==> flow/design.v <==
module alu_addsub #(
    parameter integer WD = 40
) (
    input logic clk_i,
    input logic nrst,
    input logic [WD-1:0] arg0_in,
    input logic sub_in,
    input logic clear_in,
    output logic [WD-1:0] result_out
);
    logic [WD-1:0] cnt;
    always_ff @(posedge clk_i or negedge nrst) begin
        if (~nrst) begin
            cnt <= '0;
        end else begin
            cnt <= clear_in ? arg0_in : sub_in ? cnt - arg0_in : cnt + arg0_in;
        end
    end
    assign result_out = cnt;
endmodule
---- Tool chain data of alu_addsub ----
What the tools print for alu_addsub, step after step.
Line numbers count from 1 in the design file above.
The mark -- stands for no value.
design
  design top .............................. alu_addsub
  clock port .............................. clk_i
  library ................................. sky130hd
  timing corner ........................... tt_025C_1v80

---- Word level ----
Yosys after proc, flatten, opt, wreduce and memory -nomap, before mapping. Enables and synchronous resets that opt folds into registers are not counted as muxes. Memory bits, and registers merged into a memory's read port (data or address), are not among the register bits. Print and check cells are not counted. Equal cells are merged and count once.
storage and ports
  output and inout port bits .............. 40
  bits in registers ....................... 40
  cells after elaboration ................. 5
operators by class
  add/sub/neg operators ................... 2
  muxes and demuxes ....................... 2
operators with widths
  operator           count
  2-to-1 mux 40 bit  2
  adder 40 bit       1
  subtractor 40 bit  1

---- Depth ----
Yosys ltp: most cells in a row. Word level: on the elaborated netlist, between registers, memories and ports. Mapped: between sequential cells and ports; inverters and the memories' decode and read muxes count.
logic depth
  depth in word-level cells ............... 3
  ABC_AREA ................................ 0
  gate-level depth with buffers ........... 19

---- Synthesis result ----
Source: synth_stat.txt of the flow (Yosys; design flattened, memories mapped). It holds for the ABC_AREA given above (unset counts as 0); a run with the other value may have another netlist.
synthesis totals
  flip-flop cells ......................... 40
  sequential part of the area ............. 1001.0 µm²
  standard cells after synthesis .......... 611
  buffer cells ............................ 30
  cell area after synthesis ............... 4619.4 µm²
cell types
  cell                       count
  sky130_fd_sc_hd__dfrtp_1   40
  sky130_fd_sc_hd__ha_1      40
  sky130_fd_sc_hd__xnor2_1   55
  sky130_fd_sc_hd__a21oi_1   60
  sky130_fd_sc_hd__nand2_1   68
  sky130_fd_sc_hd__o21ai_0   48
  sky130_fd_sc_hd__nor2_1    52
  sky130_fd_sc_hd__a21o_1    23
  sky130_fd_sc_hd__xor2_1    15
  sky130_fd_sc_hd__clkbuf_1  25
  sky130_fd_sc_hd__nor3_1    18
  sky130_fd_sc_hd__inv_1     23
  sky130_fd_sc_hd__nand4_1   13
  sky130_fd_sc_hd__nand2b_1  9
  sky130_fd_sc_hd__a211oi_1  7
  sky130_fd_sc_hd__nand3_1   9
  sky130_fd_sc_hd__or4_1     6
  sky130_fd_sc_hd__a31oi_1   6
Not listed: further types 46, cells in them 94.

---- Worst setup path after synthesis ----
OpenSTA on the mapped netlist: ideal clock, no wires. The path of least setup slack (recovery checks aside). Input and output delay are each 20% of the period. Register names are those of the netlist, which keeps one name where synthesis merged equal registers.
timing after synthesis
  path type ............................... input-to-reg
  start ................................... in arg0_in[14]
  end ..................................... reg cnt[39]
  path buffers ............................ 2
  delay of the path ....................... 3.508 ns
  time at the first pin ................... 1.096 ns
  external input delay .................... 1.096 ns
  clock period ............................ 5.48 ns
  setup time .............................. 0.080 ns
  data arrival time ....................... 4.524 ns
  data required time ...................... 5.400 ns
  slack ................................... 0.877 ns
  stages on the path ...................... 17
  synthesis period reached ................ 4.603 ns
"delay of the path" is the arrival time less input delay plus setup time.
"stages on the path" counts driving pins, that of a launching flip-flop among them; a cell with two outputs on the path counts twice.
"synthesis period reached" = period - worst setup slack (recovery checks aside). The figure is calculated, with input and output delays left at 20% of the set period.
Between the ends stands the longest chain of elaborated cells between them, by number of cells; it is not shown to be the way that was timed. Of several equally long chains one is given.
Each line given opens the expression or statement behind the cell; cells for indexed reads and writes are added by Yosys, which also makes memories of some case tables.
between the ends, after synthesis
  cell sequence ........................... sky130_fd_sc_hd__or3_4 sky130_fd_sc_hd__or4_4 sky130_fd_sc_hd__and4bb_1 sky130_fd_sc_hd__buf_6 sky130_fd_sc_hd__nor2b_1 sky130_fd_sc_hd__nor2_1 sky130_fd_sc_hd__xnor2_1 sky130_fd_sc_hd__ha_1 sky130_fd_sc_hd__clkbuf_1 sky130_fd_sc_hd__and4_1 sky130_fd_sc_hd__and2_1 sky130_fd_sc_hd__o21ai_1 sky130_fd_sc_hd__o21ai_0 sky130_fd_sc_hd__or3_1 sky130_fd_sc_hd__o21ba_2 sky130_fd_sc_hd__a211oi_2 sky130_fd_sc_hd__xnor2_1
  cells in the longest elaborated chain ... 3
ends and longest elaborated chain, after synthesis
  what                  RTL line  RTL
  start: declaration    6         input logic [WD-1:0] arg0_in,
  adder 40 bit          16        cnt <= clear_in ? arg0_in : sub_in ? cnt - arg0_in : cnt + arg0_in;
  2-to-1 mux 40 bit x2  16
  end: assignment       14        cnt <= '0;
  end: assignment       16
  end: declaration      11        logic [WD-1:0] cnt;

---- Path in the finished layout ----
Path of least setup slack in the final report of flow run 1 (OpenROAD, finished layout, wires in). Where an end is a register, its clock arrival counts in the times.
timing after layout
  path type ............................... input-to-reg
  start ................................... in arg0_in[14]
  end ..................................... reg cnt[38]
  setup time .............................. 0.10 ns
  data required time ...................... 5.68 ns
  stages on the path ...................... 16
  path buffers ............................ 1
  data arrival time ....................... 5.44 ns
  time at the first pin ................... 1.10 ns
  slack ................................... 0.24 ns
  external input delay .................... 1.10 ns
  clock period ............................ 5.48 ns
Between the ends stands the longest chain of elaborated cells between them, by number of cells; it is not shown to be the way that was timed. Of several equally long chains one is given.
between the ends, after layout
  cell sequence ........................... sky130_fd_sc_hd__clkdlybuf4s50_1 sky130_fd_sc_hd__or3_4 sky130_fd_sc_hd__or4_4 sky130_fd_sc_hd__nor3_2 sky130_fd_sc_hd__and2_1 sky130_fd_sc_hd__a21oi_1 sky130_fd_sc_hd__xnor2_1 sky130_fd_sc_hd__ha_1 sky130_fd_sc_hd__nand2_1 sky130_fd_sc_hd__o21ai_1 sky130_fd_sc_hd__nor2_1 sky130_fd_sc_hd__and2_1 sky130_fd_sc_hd__a21o_1 sky130_fd_sc_hd__o31ai_1 sky130_fd_sc_hd__nor2_1 sky130_fd_sc_hd__o311ai_1
  cells in the longest elaborated chain ... 3
ends and longest elaborated chain, after layout
  what                  RTL line  RTL
  start: declaration    6         input logic [WD-1:0] arg0_in,
  adder 40 bit          16        cnt <= clear_in ? arg0_in : sub_in ? cnt - arg0_in : cnt + arg0_in;
  2-to-1 mux 40 bit x2  16
  end: assignment       14        cnt <= '0;
  end: assignment       16
  end: declaration      11        logic [WD-1:0] cnt;

Data sheet: physical implementation of alu_addsub

Stored flow runs of alu_addsub (3 of them; Yosys, OpenROAD, sky130hd). They differ in their settings and are not a sequence. Constraints: input delay and output delay 20% of the set period each, output load 0.01 pF.
By "achieved clock period (ns)" is meant the clock period of the run minus its worst setup slack. This is arithmetic on one report: input and output delays are still those of the set period (20% each).
By "worst setup path time (ns)" is meant the share of the clock period that the worst setup path is allowed (20% is reserved at inputs, 20% at outputs), minus its slack. Clock arrival times at its registers enter into it.
"finish__power__total": no workload was simulated; the value follows from the tool's default switching activity.

Flow files of flow run 1
==> flow/run.sh <==
#!/bin/bash
# the make line also repeats the synthesis and layout settings of config.mk as NAME=value (left out here)
make -C /OpenROAD-flow-scripts/flow DESIGN_CONFIG=/design/flow/config.mk WORK_HOME=/design/flow/orfs CLKGATE_MAP_FILE= finish
==> flow/config.mk <==
export PLATFORM = sky130hd
export DESIGN_NAME = alu_addsub
export DESIGN_NICKNAME = alu_addsub
export VERILOG_FILES = /design/flow/design.v
export SDC_FILE = /design/flow/constraint.sdc
export NUM_CORES = 4
export LEC_CHECK = 0
export CAP_MARGIN = 20
export CORE_MARGIN = 2
export CORE_UTILIZATION = 40
export SLEW_MARGIN = 20
==> flow/constraint.sdc <==
create_clock -name core_clock -period 5.48 [get_ports {clk_i}]
set_input_delay 1.0960 -clock core_clock [delete_from_list [all_inputs] [get_ports {clk_i}]]
set_output_delay 1.0960 -clock core_clock [all_outputs]
set_load 0.01 [all_outputs]

report of flow run 1
yosys chip area after synthesis (um^2): 4619.4
finish__design__die__area: 12424.4
finish__design__instance__area__stdcell: 5898.2
finish__design__instance__utilization: 0.5210
finish__timing__setup__ws: 0.239
finish__timing__setup__tns: 0.000
finish__timing__hold__ws: 0.645
finish__power__total: 3.158e-03
achieved clock period (ns): 5.241
worst setup path time (ns): 4.14
worst setup path kind: input-to-reg

Flow files of flow run 2
==> flow/run.sh <==
#!/bin/bash
# the make line also repeats the synthesis and layout settings of config.mk as NAME=value (left out here)
make -C /OpenROAD-flow-scripts/flow DESIGN_CONFIG=/design/flow/config.mk WORK_HOME=/design/flow/orfs CLKGATE_MAP_FILE= finish
==> flow/config.mk <==
export PLATFORM = sky130hd
export DESIGN_NAME = alu_addsub
export DESIGN_NICKNAME = alu_addsub
export VERILOG_FILES = /design/flow/design.v
export SDC_FILE = /design/flow/constraint.sdc
export NUM_CORES = 4
export LEC_CHECK = 0
export CAP_MARGIN = 15
export CELL_PAD_IN_SITES_DETAIL_PLACEMENT = 1
export CORE_ASPECT_RATIO = 1.38
export CORE_MARGIN = 2
export CORE_UTILIZATION = 45
export CTS_CLUSTER_SIZE = 32
export GPL_ROUTABILITY_DRIVEN = 1
export PLACE_DENSITY = 0.9
export SETUP_SLACK_MARGIN = 0.99
export SLEW_MARGIN = 20
==> flow/constraint.sdc <==
create_clock -name core_clock -period 7.12 [get_ports {clk_i}]
set_input_delay 1.4240 -clock core_clock [delete_from_list [all_inputs] [get_ports {clk_i}]]
set_output_delay 1.4240 -clock core_clock [all_outputs]
set_load 0.01 [all_outputs]

report of flow run 2
yosys chip area after synthesis (um^2): 4619.4
finish__design__die__area: 11101.9
finish__design__instance__area__stdcell: 5723.0
finish__design__instance__utilization: 0.5719
finish__timing__setup__ws: 0.940
finish__timing__setup__tns: 0.000
finish__timing__hold__ws: 0.667
finish__power__total: 2.549e-03
achieved clock period (ns): 6.180
worst setup path time (ns): 4.76
worst setup path kind: input-to-reg

Flow files of flow run 3
==> flow/run.sh <==
#!/bin/bash
# the make line also repeats the synthesis and layout settings of config.mk as NAME=value (left out here)
make -C /OpenROAD-flow-scripts/flow DESIGN_CONFIG=/design/flow/config.mk WORK_HOME=/design/flow/orfs CLKGATE_MAP_FILE= finish
==> flow/config.mk <==
export PLATFORM = sky130hd
export DESIGN_NAME = alu_addsub
export DESIGN_NICKNAME = alu_addsub
export VERILOG_FILES = /design/flow/design.v
export SDC_FILE = /design/flow/constraint.sdc
export NUM_CORES = 4
export LEC_CHECK = 0
export CAP_MARGIN = 0
export CORE_MARGIN = 2
export CORE_UTILIZATION = 60
export GPL_TIMING_DRIVEN = 1
export HOLD_SLACK_MARGIN = 0.2
export MAX_ROUTING_LAYER = met4
export MIN_ROUTING_LAYER = met2
export PLACE_DENSITY_LB_ADDON = 0.09
export SETUP_SLACK_MARGIN = 0.7
export SLEW_MARGIN = 20
==> flow/constraint.sdc <==
create_clock -name core_clock -period 5.17 [get_ports {clk_i}]
set_input_delay 1.0340 -clock core_clock [delete_from_list [all_inputs] [get_ports {clk_i}]]
set_output_delay 1.0340 -clock core_clock [all_outputs]
set_load 0.01 [all_outputs]

report of flow run 3: did not finish, route, GRT-0232
